==> flow/design.v <==
module my_diff_unit_rtl #(
  parameter integer W = 128
) (
  input  logic CLK,
  input  logic clr,
  input  logic en,
  input  logic [W-1:0] arg0_i,
  input  logic [W-1:0] arg1_i,
  input  logic dir_i,
  output logic [W-1:0] delta_o
);
  logic [W-1:0] arg0_s;
  logic [W-1:0] arg1_s;
  logic dir_s;
  always_ff @(posedge CLK) begin
    if (clr) begin
      arg0_s <= 0;
      arg1_s <= 0;
      dir_s <= 1'b0;
    end else if (en) begin
      arg0_s <= arg0_i;
      arg1_s <= arg1_i;
      dir_s <= dir_i;
    end
  end
  logic [W-1:0] t;
  always_comb begin
    if (dir_s)
      t = arg0_s - arg1_s;
    else
      t = arg0_s + arg1_s;
  end
  always_ff @(posedge CLK) begin
    if (clr) begin
      delta_o <= 0;
    end else if (en) begin
      delta_o <= t;
    end
  end
endmodule
Reports on my_diff_unit_rtl
The steps from the RTL of my_diff_unit_rtl to its reports follow in flow order. Line numbers count from 1 in the design file above. Library cell names are shortened. A cell with - has no value.

Top module: my_diff_unit_rtl. Clock: CLK. Cell library: sky130hd. Library corner: tt_025C_1v80.

After elaboration
Yosys after proc, flatten, opt, wreduce and memory -nomap, before mapping. Enables and synchronous resets that opt folds into registers are not counted as muxes. Memory bits, and registers merged into a memory's read port (data or address), are not among the register bits. Print and check cells are not counted. Equal cells are merged and count once.

The entry for $add $sub $neg reads 2. Muxes and demuxes: 1.

Operator list (count): 128-bit adder (1); 128-bit subtractor (1); 128-bit 2-to-1 mux (1).

Bits in registers: 385. For input bits the number is 260. The entry for output and inout port bits reads 128. The entry for word-level cells reads 7.

Logic depth
Longest topological path by Yosys (ltp), each cell counted once; first at word level (registers and memories cut), then after technology mapping (sequential cells cut; the memories' decode and read muxes count).

Word-level depth: 2. Under ABC_AREA stands 0. The figure for depth in mapped cells is 25. The entry for depth with buffers taken out reads 24.

Netlist
The flow's flattened synthesis, as Yosys stat reports it; memories are mapped. The netlist is that of the ABC_AREA named above (0 if unset); the other value can give another one. The area totals of this step are shown rounded.

Cells by type: dfxtp_1 (count 385, total area 7.71E+03 um^2); mux2i_1 (count 322, total area 3.22E+03 um^2); nor2_1 (count 520, total area 1.95E+03 um^2); ha_1 (count 128, total area 1.6E+03 um^2); xnor2_1 (count 179, total area 1.57E+03 um^2); a21oi_1 (count 262, total area 1.31E+03 um^2); nand2_1 (count 212, total area 795.763 um^2); o21ai_0 (count 154, total area 770.739 um^2); xor2_1 (count 62, total area 543.021 um^2); clkbuf_1 (count 118, total area 442.925 um^2); nand4_1 (count 68, total area 425.408 um^2); a21o_1 (count 55, total area 412.896 um^2); nor3_1 (count 68, total area 340.326 um^2); o21bai_1 (count 40, total area 300.288 um^2); inv_1 (count 69, total area 258.998 um^2); a31oi_1 (count 40, total area 250.24 um^2); o31ai_1 (count 22, total area 165.158 um^2); o21a_1 (count 20, total area 150.144 um^2).

Other cell types: 70; their cells: 327.

Cell count: 3051. The entry for cell area after synthesis reads 24650 um^2. For sequential part of the area the number is 7707 um^2. Under flip-flop cells stands 385. Under buffer cells stands 156.

Worst setup path after synthesis
OpenSTA on the mapped netlist: ideal clock, no wires. The path of least setup slack (recovery checks aside). Input and output delay are each 20% of the period. Register names are those of the netlist, which keeps one name where synthesis merged equal registers.

Path type: reg-to-reg. From: register arg1_s[12]. To: register delta_o[120]. Period: 6840 ps. For setup time the number is 79 ps. For time at the first pin the number is 0 ps. For arrival time the number is 5395 ps. For data required time the number is 6761 ps. The entry for slack reads 1366 ps. Delay of the path: 5474 ps. For stages on the path the number is 25. The figure for buffers on the path is 2. Under synthesis period reached stands 5474 ps.

"delay of the path" = arrival - input delay + setup time. "stages on the path": output pins that drive a net of the path, with the launching flip-flop's if there is one; two outputs of one cell count as two. "synthesis period reached" = period - worst setup slack (recovery checks aside). The figure is calculated, with input and output delays left at 20% of the set period. The rows between start and end are the longest chain of elaborated cells between them; the timing report does not say that the signal goes this way. Where chains are equally long, one stands for them. A line is the first line of the expression or statement that the cell stems from. Yosys adds cells for indexed reads and writes and turns some case tables into memories.

Path through: dfxtp_1 or4_1 or4_1 buf_6 nor4_4 and2_4 inv_4 nor2_4 nor4b_4 nand2_1 nor3b_1 nor2_1 xnor2_1 ha_1 clkbuf_1 inv_1 o21bai_1 a21oi_1 nor2b_1 or3_1 o41ai_2 a31oi_1 o21a_1 or2_0 o211ai_1. Under length of the longest elaborated chain stands 2. Under elaborated cells on any way between the ends stands 3. Under source lines of those cells stands 3. Those cells by class: 2 x add/sub; 1 x mux.

Ends and longest elaborated chain, post-synthesis: from (decl) (line 13) `logic [W-1:0] arg1_s;`; from (assign) (line 18) `arg1_s <= 0;`; from (assign) (line 22) `arg1_s <= arg1_i;`; 128-bit adder (line 31) `t = arg0_s + arg1_s;`; 128-bit 2-to-1 mux (line 28) `if (dir_s)`; to (assign) (line 35) `delta_o <= 0;`; to (assign) (line 37) `delta_o <= t;`; to (decl) (line 10) `output logic [W-1:0] delta_o`.

Worst path after layout
From the final timing report of stored run 3: the path of least setup slack in the routed layout; clock arrival at registers is part of the times. The report prints the path's times to 10 ps; the period is as set.

Path type: reg-to-reg. From: register arg1_s[12]. To: register delta_o[121]. Period: 6840 ps. For setup time the number is 140 ps. For time at the first pin the number is 580 ps. For arrival time the number is 6970 ps. For data required time the number is 7280 ps. The entry for slack reads 310 ps. For stages on the path the number is 21. The figure for buffers on the path is 1.

The rows between start and end are the longest chain of elaborated cells between them; the timing report does not say that the signal goes this way. Where chains are equally long, one stands for them.

Path through: dfxtp_1 or4_1 or4_1 nor4_4 or2b_1 nor2_1 a21oi_1 xnor2_1 ha_1 nand4_1 nor4_1 nand2_1 a2111oi_1 a211oi_2 o21ai_0 a41o_1 a21oi_1 buf_4 nor4bb_1 or4_1 o311ai_1. Under length of the longest elaborated chain stands 2. Under elaborated cells on any way between the ends stands 3. Under source lines of those cells stands 3. Those cells by class: 2 x add/sub; 1 x mux.

Ends and longest elaborated chain, after layout: from (decl) (line 13) `logic [W-1:0] arg1_s;`; from (assign) (line 18) `arg1_s <= 0;`; from (assign) (line 22) `arg1_s <= arg1_i;`; 128-bit adder (line 31) `t = arg0_s + arg1_s;`; 128-bit 2-to-1 mux (line 28) `if (dir_s)`; to (assign) (line 35) `delta_o <= 0;`; to (assign) (line 37) `delta_o <= t;`; to (decl) (line 10) `output logic [W-1:0] delta_o`.

Subject: my_diff_unit_rtl on sky130hd, stored results

Hello all,

Top module my_diff_unit_rtl; platform sky130hd; tools Yosys and OpenROAD; 3 stored runs in no particular order. Input and output delays are each 20% of the period that was set; the output load is 0.01 pF. "achieved period" means the clock period less the worst setup slack. The figure is calculated, with input and output delays left at 20% of the set period. "time on the worst setup path" means the part of the period allowed to the worst setup path (the constraints hold back 20% at inputs and 20% at outputs) less its slack; where the path has registers, the arrival times of their clocks count too. "overall power" rests on the timing tool's default activity at the inputs, not on a simulated workload. "time on the worst setup path" is given in steps of 10 ps. Values from the reports are rounded here.

Stored run 1 has these settings: period_ns 4.5; CORE_UTILIZATION 57; SETUP_SLACK_MARGIN 0.64; PLACE_DENSITY_LB_ADDON 0.27; CELL_PAD_IN_SITES_GLOBAL_PLACEMENT 0; CELL_PAD_IN_SITES_DETAIL_PLACEMENT 1; GPL_TIMING_DRIVEN 0; CAP_MARGIN 20; CORE_MARGIN 2; SLEW_MARGIN 20. Outcome: not finished: clock tree synthesis ended with error DPL-0033.

Stored run 2 has these settings: period_ns 4.21; CORE_UTILIZATION 57; HOLD_SLACK_MARGIN 0.08; CORE_ASPECT_RATIO 0.61; CORE_MARGIN 3; CELL_PAD_IN_SITES_GLOBAL_PLACEMENT 3; CELL_PAD_IN_SITES_DETAIL_PLACEMENT 0; TNS_END_PERCENT 10; CTS_CLUSTER_DIAMETER 399; SLEW_MARGIN 25; CAP_MARGIN 20. Outcome: not finished: placement ended with error GPL-0301.

Stored run 3 has these settings: period_ns 6.84; CAP_MARGIN 20; CORE_MARGIN 2; CORE_UTILIZATION 40; SLEW_MARGIN 20. The mapped cell area after synthesis reads 24650 um^2. The standard-cell area after routing is 30910 um^2. The worst hold slack in the final report comes to 449 ps. The total negative slack on setup checks is 0 ps. The time on the worst setup path stands at 6530 ps. Worst path kind: reg-to-reg. The measured utilization after layout is 0.51. The measured worst slack on setup checks is 312 ps. The overall die area comes to 63620 um^2. The overall power is 0.007081 W. The measured achieved period is 6528 ps.

Thanks
